==> flow/design.v <==
module core_diff_unit_p #(
   parameter DW = 128
) (
   input logic CLK,
   input logic ce,
   input logic [DW-1:0] first_i,
   input logic [DW-1:0] second_i,
   input logic op_i,
   output logic [DW-1:0] q_o,
   output logic carry_out_o
);
   logic [DW-1:0] cur;
   logic [DW:0] cc;
   assign cc[0] = op_i;
   generate
      for (genvar g = 0; g < DW; g++) begin : blk
         core_diff_unit_p_fa inst (.a(first_i[g]), .b(second_i[g] ^ op_i), .ci(cc[g]), .s(cur[g]), .co(cc[g+1]));
      end
   endgenerate
   logic [DW-1:0] q_reg;
   always_ff @(posedge CLK) begin
      if (ce) begin
         q_reg <= cur;
      end
   end
   assign q_o = q_reg;
   logic carry_out_reg;
   always_ff @(posedge CLK) begin
      if (ce) begin
         carry_out_reg <= cc[DW];
      end
   end
   assign carry_out_o = carry_out_reg;
endmodule
module core_diff_unit_p_fa (
   input logic a,
   input logic b,
   input logic ci,
   output logic s,
   output logic co
);
   assign s = a ^ b ^ ci;
   assign co = (a & b) | (ci & (a ^ b));
endmodule
# == Tool chain data of core_diff_unit_p ==
# What the tools print for core_diff_unit_p, step after step.
# Lines are those of the file above, counted from 1.
# Cell names lack the library's common part.
# The mark n/a stands for no value.
# design
top_module,core_diff_unit_p
clk_port,CLK
library,sky130hd
pvt_corner,tt_025C_1v80

# == Word level ==
# Counts by Yosys on the flattened word-level netlist (proc, flatten, opt, wreduce; memories kept). Register bits leave out memories and registers merged into their read ports (data or address); mux counts leave out enables and synchronous resets folded into registers. Print and check cells are left out. Cells with the same type and inputs are merged into one.
# bits
regBits,129
inputBits,259
output_inout_bits,129
word_cells,770
# op_classes
n_logic,768
# ops
op,n
1-bit bitwise XOR,384
1-bit bitwise AND,256
1-bit bitwise OR,128

# == Longest topological paths ==
# Yosys ltp: most cells in a row. Word level: on the elaborated netlist, between registers, memories and ports. Mapped: between sequential cells and ports; inverters and the memories' decode and read muxes count.
# logic_depth
word_depth,258
ABC_AREA,0
ltp_mapped,133
mapped_depth_nobuf,131

# == After synthesis ==
# The flow's flattened synthesis, as Yosys stat reports it; memories are mapped. The netlist is that of the ABC_AREA named above (0 if unset); the other value can give another one.
# The area totals of this step are shown rounded.
# synth_totals
cell_count,652
synth_area_um2,8650
seqArea_um2,3870
ffs,129
buffers,14
# by_type
type,n,area_total_um2
edfxtp_1,129,3.87E+03
fa_1,127,2.54E+03
xnor2_1,125,1094.8
inv_1,253,949.661
buf_6,12,135.13
xor2_1,3,26.275
buf_4,2,15.014
mux2i_1,1,10.01
# The figures by module come from a second, unflattened synthesis with its own total; it is not the netlist above.
# unflattened
cells_unflattened,399
area_unflattened_um2,7830
# Rows give one instance, submodules left out.
# by_module
mod,instances,cells,area_um2,seq_area_um2
core_diff_unit_p,1,271,5270,3870
core_diff_unit_p_fa,128,1,20.0,0.0

# == Worst setup path after synthesis ==
# Source: OpenSTA report_checks on the synthesized netlist (no wires, ideal clock, input and output delay 20% of the period each), path of least setup slack; recovery checks are left aside. Register names are those of the netlist, which keeps one name where synthesis merged equal registers.
# synth_timing
path_type,in2reg
start,input port op_i
end,register q_reg[127]
period_ns,82.4
in_delay_ns,16.480
setup_time_ns,0.269
launch_ns,16.480
arrival_ns,68.938
required_time_ns,82.131
path_slack_ns,13.193
delay_ns,52.727
stages,133
path_buffers,2
period_less_setup_slack_ns,69.207
# "delay_ns" = arrival - input delay + setup time.
# "stages": output pins that drive a net of the path, with the launching flip-flop's if there is one; two outputs of one cell count as two.
# "period_less_setup_slack_ns" = period - worst setup slack (recovery checks aside). The figure is calculated, with input and output delays left at 20% of the set period.
# The rows between start and end are the longest chain of elaborated cells between them; the timing report does not say that the signal goes this way. Where chains are equally long, one stands for them.
# Each line given opens the expression or statement behind the cell; cells for indexed reads and writes are added by Yosys, which also makes memories of some case tables.
# synth_between
cell_sequence,buf_4 > buf_6 > mux2i_1 > fa_1 > fa_1 > fa_1 > fa_1 > fa_1 > fa_1 > fa_1 > fa_1 > fa_1 > fa_1 > fa_1 > fa_1 > fa_1 > fa_1 > fa_1 > (+97 left out) > fa_1 > fa_1 > fa_1 > fa_1 > fa_1 > fa_1 > fa_1 > fa_1 > fa_1 > fa_1 > fa_1 > fa_1 > fa_1 > fa_1 > fa_1 > fa_1 > inv_1 > fa_1
elab_chain_cells,257
cells_between,638
classes_between,logic: 638
# synth_lines
item,line_no,rtl
"start, declared",8,"input logic op_i,"
1-bit bitwise XOR,17,"core_diff_unit_p_fa inst (.a(first_i[g]), .b(second_i[g] ^ op_i), .ci(cc[g]), .s(cur[g]), .co(cc[g+1]));"
1-bit bitwise XOR,43,assign co = (a & b) | (ci & (a ^ b));
1-bit bitwise AND,43,
1-bit bitwise OR,43,
1-bit bitwise AND,43,
1-bit bitwise OR,43,
1-bit bitwise AND,43,
(+243 left out),n/a,
1-bit bitwise AND,43,
1-bit bitwise OR,43,
1-bit bitwise AND,43,
1-bit bitwise OR,43,
1-bit bitwise AND,43,
1-bit bitwise OR,43,
1-bit bitwise XOR,42,assign s = a ^ b ^ ci;
"end, assigned",23,q_reg <= cur;
"end, declared",20,logic [DW-1:0] q_reg;

# == Path in the finished layout ==
# From the final timing report of stored run 1: the path of least setup slack in the routed layout; clock arrival at registers is part of the times.
# layout_timing
path_type,in2reg
start,input port second_i[0]
end,register q_reg[127]
period_ns,63.6
in_delay_ns,12.72
setup_time_ns,0.25
launch_ns,12.72
arrival_ns,64.10
required_time_ns,63.78
path_slack_ns,-0.33
stages,132
path_buffers,1
# The rows between start and end are the longest chain of elaborated cells between them; the timing report does not say that the signal goes this way. Where chains are equally long, one stands for them.
# layout_between
cell_sequence,clkdlybuf4s50_1 > mux2i_1 > fa_1 > fa_2 > fa_2 > fa_2 > fa_2 > fa_2 > fa_2 > fa_1 > fa_2 > fa_2 > fa_2 > fa_1 > fa_2 > fa_1 > fa_2 > fa_2 > (+96 left out) > fa_1 > fa_1 > fa_1 > fa_2 > fa_1 > fa_2 > fa_1 > fa_1 > fa_1 > fa_1 > fa_2 > fa_1 > fa_1 > fa_1 > fa_1 > fa_1 > inv_1 > fa_1
elab_chain_cells,257
cells_between,258
classes_between,logic: 258
# layout_lines
item,line_no,rtl
"start, declared",7,"input logic [DW-1:0] second_i,"
1-bit bitwise XOR,17,"core_diff_unit_p_fa inst (.a(first_i[g]), .b(second_i[g] ^ op_i), .ci(cc[g]), .s(cur[g]), .co(cc[g+1]));"
1-bit bitwise XOR,43,assign co = (a & b) | (ci & (a ^ b));
1-bit bitwise AND,43,
1-bit bitwise OR,43,
1-bit bitwise AND,43,
1-bit bitwise OR,43,
1-bit bitwise AND,43,
(+243 left out),n/a,
1-bit bitwise AND,43,
1-bit bitwise OR,43,
1-bit bitwise AND,43,
1-bit bitwise OR,43,
1-bit bitwise AND,43,
1-bit bitwise OR,43,
1-bit bitwise XOR,42,assign s = a ^ b ^ ci;
"end, assigned",23,q_reg <= cur;
"end, declared",20,logic [DW-1:0] q_reg;

# Measured results for core_diff_unit_p: 3 stored runs of the Yosys and OpenROAD flow on sky130hd. The settings differ; the order carries no meaning. The constraints put input and output delay at 20% of the set period each and load the outputs with 0.01 pF.
# "timing.achieved_period_ns" is the run's clock period less its worst setup slack. It is reckoned from that one timing run; input and output delays stay at 20% of the period that was set.
# "worst_path_ns" is the time allowed to the run's worst setup path (the clock period less input and output delay, where it has them) less its slack. Clock arrival times count: a late capture clock shortens it, a late launch clock lengthens it.
# By "final_power_uw" is meant OpenSTA's value without simulated activity: inputs other than the clock are taken to toggle once in ten clock periods, and the tool carries that through the logic.
# Measured values are rounded.
# A setting shown as -- is not set for that run.
# Among the results, -- means that no value is shown for the run.
item,stored run 1,stored run 2,stored run 3
period_ns,63.6,82.4,76.8
CORE_UTILIZATION,25,40,69
SETUP_SLACK_MARGIN,-2.0,--,--
PLACE_DENSITY_LB_ADDON,0.18,--,--
CORE_ASPECT_RATIO,0.52,--,0.78
GPL_TIMING_DRIVEN,0,--,1
GPL_ROUTABILITY_DRIVEN,1,--,0
CTS_CLUSTER_SIZE,70,--,50
CTS_CLUSTER_DIAMETER,291,--,--
MIN_ROUTING_LAYER,met1,--,--
CAP_MARGIN,20,20,20
CORE_MARGIN,2,2,7
SLEW_MARGIN,20,20,20
TNS_END_PERCENT,--,--,35
ABC_AREA,--,--,1
MAX_ROUTING_LAYER,--,--,met5
cell_area_final_um2,13900,13300,--
timing.achieved_period_ns,63.927,70.593,--
timing.hold.ws_ns,12.8,16.6,--
final_power_uw,349,254,--
worst_path_ns,51.21,54.11,--
critical_path_type,in2reg,in2reg,--
total_negative_slack_ns,-0.327,0.000,--
layout_utilization_pct,40.5,63.0,--
worst_setup_slack_ns,-0.327,11.8,--
dieArea_um2,36200,22800,--
yosys.chip_area_um2,8650,8650,--
# Stored run 3: no final report: placement broke off with GPL-0301
